==> flow/design.v <==
module sync_shift_unit_p #(
  parameter integer DW = 12,
  parameter integer SW = $clog2(DW)
) (
  input wire clk,
  input wire i_rst,
  input wire signed [DW-1:0] in_d,
  input wire [SW-1:0] in_shamt,
  output reg [DW-1:0] out_q
);
  always @(posedge clk or posedge i_rst) begin
    if (i_rst) begin
      out_q <= 0;
    end else begin
      out_q <= in_d >>> in_shamt;
    end
  end
endmodule
# Step by step through the tools: sync_shift_unit_p
# The steps from the RTL of sync_shift_unit_p to its reports follow in flow order.
# Line numbers count from 1 in the design file above.
# Cell names lack the library's common part.
# The mark - stands for no value.
dict set report inputs {
  design {sync_shift_unit_p}
  clk_port {clk}
  cell_library {sky130hd}
  pvt_corner {tt_025C_1v80}
}

# Word level
# Yosys after proc, flatten, opt, wreduce and memory -nomap, before mapping. Enables and synchronous resets that opt folds into registers are not counted as muxes. Memory bits, and registers merged into a memory's read port (data or address), are not among the register bits. Print and check cells are not counted. Equal cells are merged and count once.
dict set report classes {
  shift 1
}
# operator count
set op_table {}
lappend op_table {{>>> shifter 12 x 4 -> 12 bit} 1}
dict set report bits {
  register_bits 12
  in_bits 18
  output_inout_bits 12
}

# Longest topological paths
# Yosys ltp: most cells in a row. Word level: on the elaborated netlist, between registers, memories and ports. Mapped: between sequential cells and ports; inverters and the memories' decode and read muxes count.
dict set report depth {
  word_depth 1
  abc_area 0
  mapped_depth 5
}

# After synthesis
# Source: synth_stat.txt of the flow (Yosys; design flattened, memories mapped). It holds for the ABC_AREA given above (unset counts as 0); a run with the other value may have another netlist.
# type count area_total_um2
set by_type {}
lappend by_type {dfrtp_1 12 300.288}
lappend by_type {mux4_2 7 157.651}
lappend by_type {mux4_1 3 78.826}
lappend by_type {a211oi_1 5 37.536}
lappend by_type {mux2i_1 3 30.029}
lappend by_type {clkbuf_8 2 27.526}
lappend by_type {buf_6 2 22.522}
lappend by_type {nor2_1 6 22.522}
lappend by_type {buf_12 1 20.019}
lappend by_type {inv_1 5 18.768}
lappend by_type {o2bb2ai_1 2 17.517}
lappend by_type {mux2_4 1 15.014}
lappend by_type {o21ai_0 3 15.014}
lappend by_type {nor2b_1 2 12.512}
lappend by_type {mux2_2 1 11.261}
lappend by_type {o311a_2 1 11.261}
lappend by_type {o21ai_1 2 10.01}
lappend by_type {a311oi_1 1 8.758}
# Other cell types: 11; their cells: 12.
dict set report synth_totals {
  mapped_cells 71
  area_um2 892.1
  sequential_area_um2 300.3
  flip_flops 12
}

# Timing after synthesis
# OpenSTA on the mapped netlist: ideal clock, no wires. The path of least setup slack (recovery checks aside). Input and output delay are each 20% of the period. Register names are those of the netlist, which keeps one name where synthesis merged equal registers.
dict set report synth_path {
  path_kind {input-to-reg}
  startpoint {in in_shamt[0]}
  endpoint {reg out_q[5]}
  period_ns 1.5
  input_delay_ns 0.300
  launch_ns 0.300
  arrival_ns 1.125
  t_required_ns 1.363
  path_slack_ns 0.238
  delay_ns 0.962
  path_stages 5
  n_path_buf 2
  synth_period_reached_ns 1.262
}
# "delay_ns" = arrival - input delay + setup time.
# "path_stages": output pins that drive a net of the path, with the launching flip-flop's if there is one; two outputs of one cell count as two.
# "synth_period_reached_ns" is the clock period less the worst setup slack; recovery checks do not enter. This is arithmetic on one report: input and output delays are still those of the set period (20% each).
# Between the ends stands the longest chain of elaborated cells between them, by number of cells; it is not shown to be the way that was timed. Of several equally long chains one is given.
# A line is the first line of the expression or statement that the cell stems from. Yosys adds cells for indexed reads and writes and turns some case tables into memories.
dict set report synth_between {
  path_cell_list {buf_6 > buf_12 > mux2_4 > mux2i_1 > a311oi_1}
  elab_chain_len 1
  cells_between 1
  lines_between 1
  cone_classes {shift (1)}
}
# item line
set synth_rtl {}
lappend synth_rtl {{start: declaration} 8} ;# input wire [SW-1:0] in_shamt,
lappend synth_rtl {{>>> shifter 12 x 4 -> 12 bit} 15} ;# out_q <= in_d >>> in_shamt;
lappend synth_rtl {{end: assignment} 13} ;# out_q <= 0;
lappend synth_rtl {{end: assignment} 15}
lappend synth_rtl {{end: declaration} 9} ;# output reg [DW-1:0] out_q

# Worst path after layout
# From the final timing report of run 3: the path of least setup slack in the routed layout; clock arrival at registers is part of the times.
dict set report layout_path {
  path_kind {input-to-reg}
  startpoint {in in_d[7]}
  endpoint {reg out_q[3]}
  period_ns 1.5
  input_delay_ns 0.30
  launch_ns 0.30
  arrival_ns 1.58
  t_required_ns 1.64
  path_slack_ns 0.05
  path_stages 4
  n_path_buf 1
}
# Between the ends stands the longest chain of elaborated cells between them, by number of cells; it is not shown to be the way that was timed. Of several equally long chains one is given.
dict set report layout_between {
  path_cell_list {clkdlybuf4s50_1 > mux4_1 > nor3_1 > a211oi_1}
  elab_chain_len 1
  cells_between 1
  lines_between 1
  cone_classes {shift (1)}
}
# item line
set layout_rtl {}
lappend layout_rtl {{start: declaration} 7} ;# input wire signed [DW-1:0] in_d,
lappend layout_rtl {{>>> shifter 12 x 4 -> 12 bit} 15} ;# out_q <= in_d >>> in_shamt;
lappend layout_rtl {{end: assignment} 13} ;# out_q <= 0;
lappend layout_rtl {{end: assignment} 15}
lappend layout_rtl {{end: declaration} 9} ;# output reg [DW-1:0] out_q

; 3 stored runs of sync_shift_unit_p in the flow (synthesis by Yosys, layout by OpenROAD, sky130hd cells), in arbitrary order. Constraints: input delay and output delay 20% of the set period each, output load 0.01 pF.
; "period_reached_ns" is the run's clock period less its worst setup slack. It is reckoned from that one timing run; input and output delays stay at 20% of the period that was set.
; "power.total_mw" is the tool's figure for a default switching activity; nothing was simulated.

[run 1: settings]
period_ns = 1.16
CORE_UTILIZATION = 60
SETUP_SLACK_MARGIN = 0.24
PLACE_DENSITY_LB_ADDON = 0.2
CELL_PAD_IN_SITES_GLOBAL_PLACEMENT = 2
CELL_PAD_IN_SITES_DETAIL_PLACEMENT = 0
GPL_ROUTABILITY_DRIVEN = 1
CTS_CLUSTER_DIAMETER = 362
MIN_ROUTING_LAYER = met1
MAX_ROUTING_LAYER = met4
CAP_MARGIN = 20
CORE_MARGIN = 2
SLEW_MARGIN = 20
[run 1: results]
outcome = no final report: placement broke off with FLW-0024

[run 2: settings]
period_ns = 0.956
CORE_UTILIZATION = 36
SETUP_SLACK_MARGIN = 0.22
PLACE_DENSITY_LB_ADDON = 0.23
HOLD_SLACK_MARGIN = 0.07
CORE_MARGIN = 2
CELL_PAD_IN_SITES_GLOBAL_PLACEMENT = 3
CELL_PAD_IN_SITES_DETAIL_PLACEMENT = 2
ABC_AREA = 1
GPL_TIMING_DRIVEN = 0
CTS_CLUSTER_DIAMETER = 104
CAP_MARGIN = 20
SLEW_MARGIN = 20
[run 2: results]
outcome = no final report: placement broke off with FLW-0024

[run 3: settings]
period_ns = 1.5
CAP_MARGIN = 20
CORE_MARGIN = 2
CORE_UTILIZATION = 40
SLEW_MARGIN = 20
[run 3: results]
final_cell_area_um2 = 1271.2
dieArea_um2 = 2624.0
timing.setup.ws_ns = 0.053
power.total_mw = 0.8597
fin_util_pct = 58.6
yosys_chip_area_um2 = 892.1
period_reached_ns = 1.447
total_negative_slack_ns = 0.000
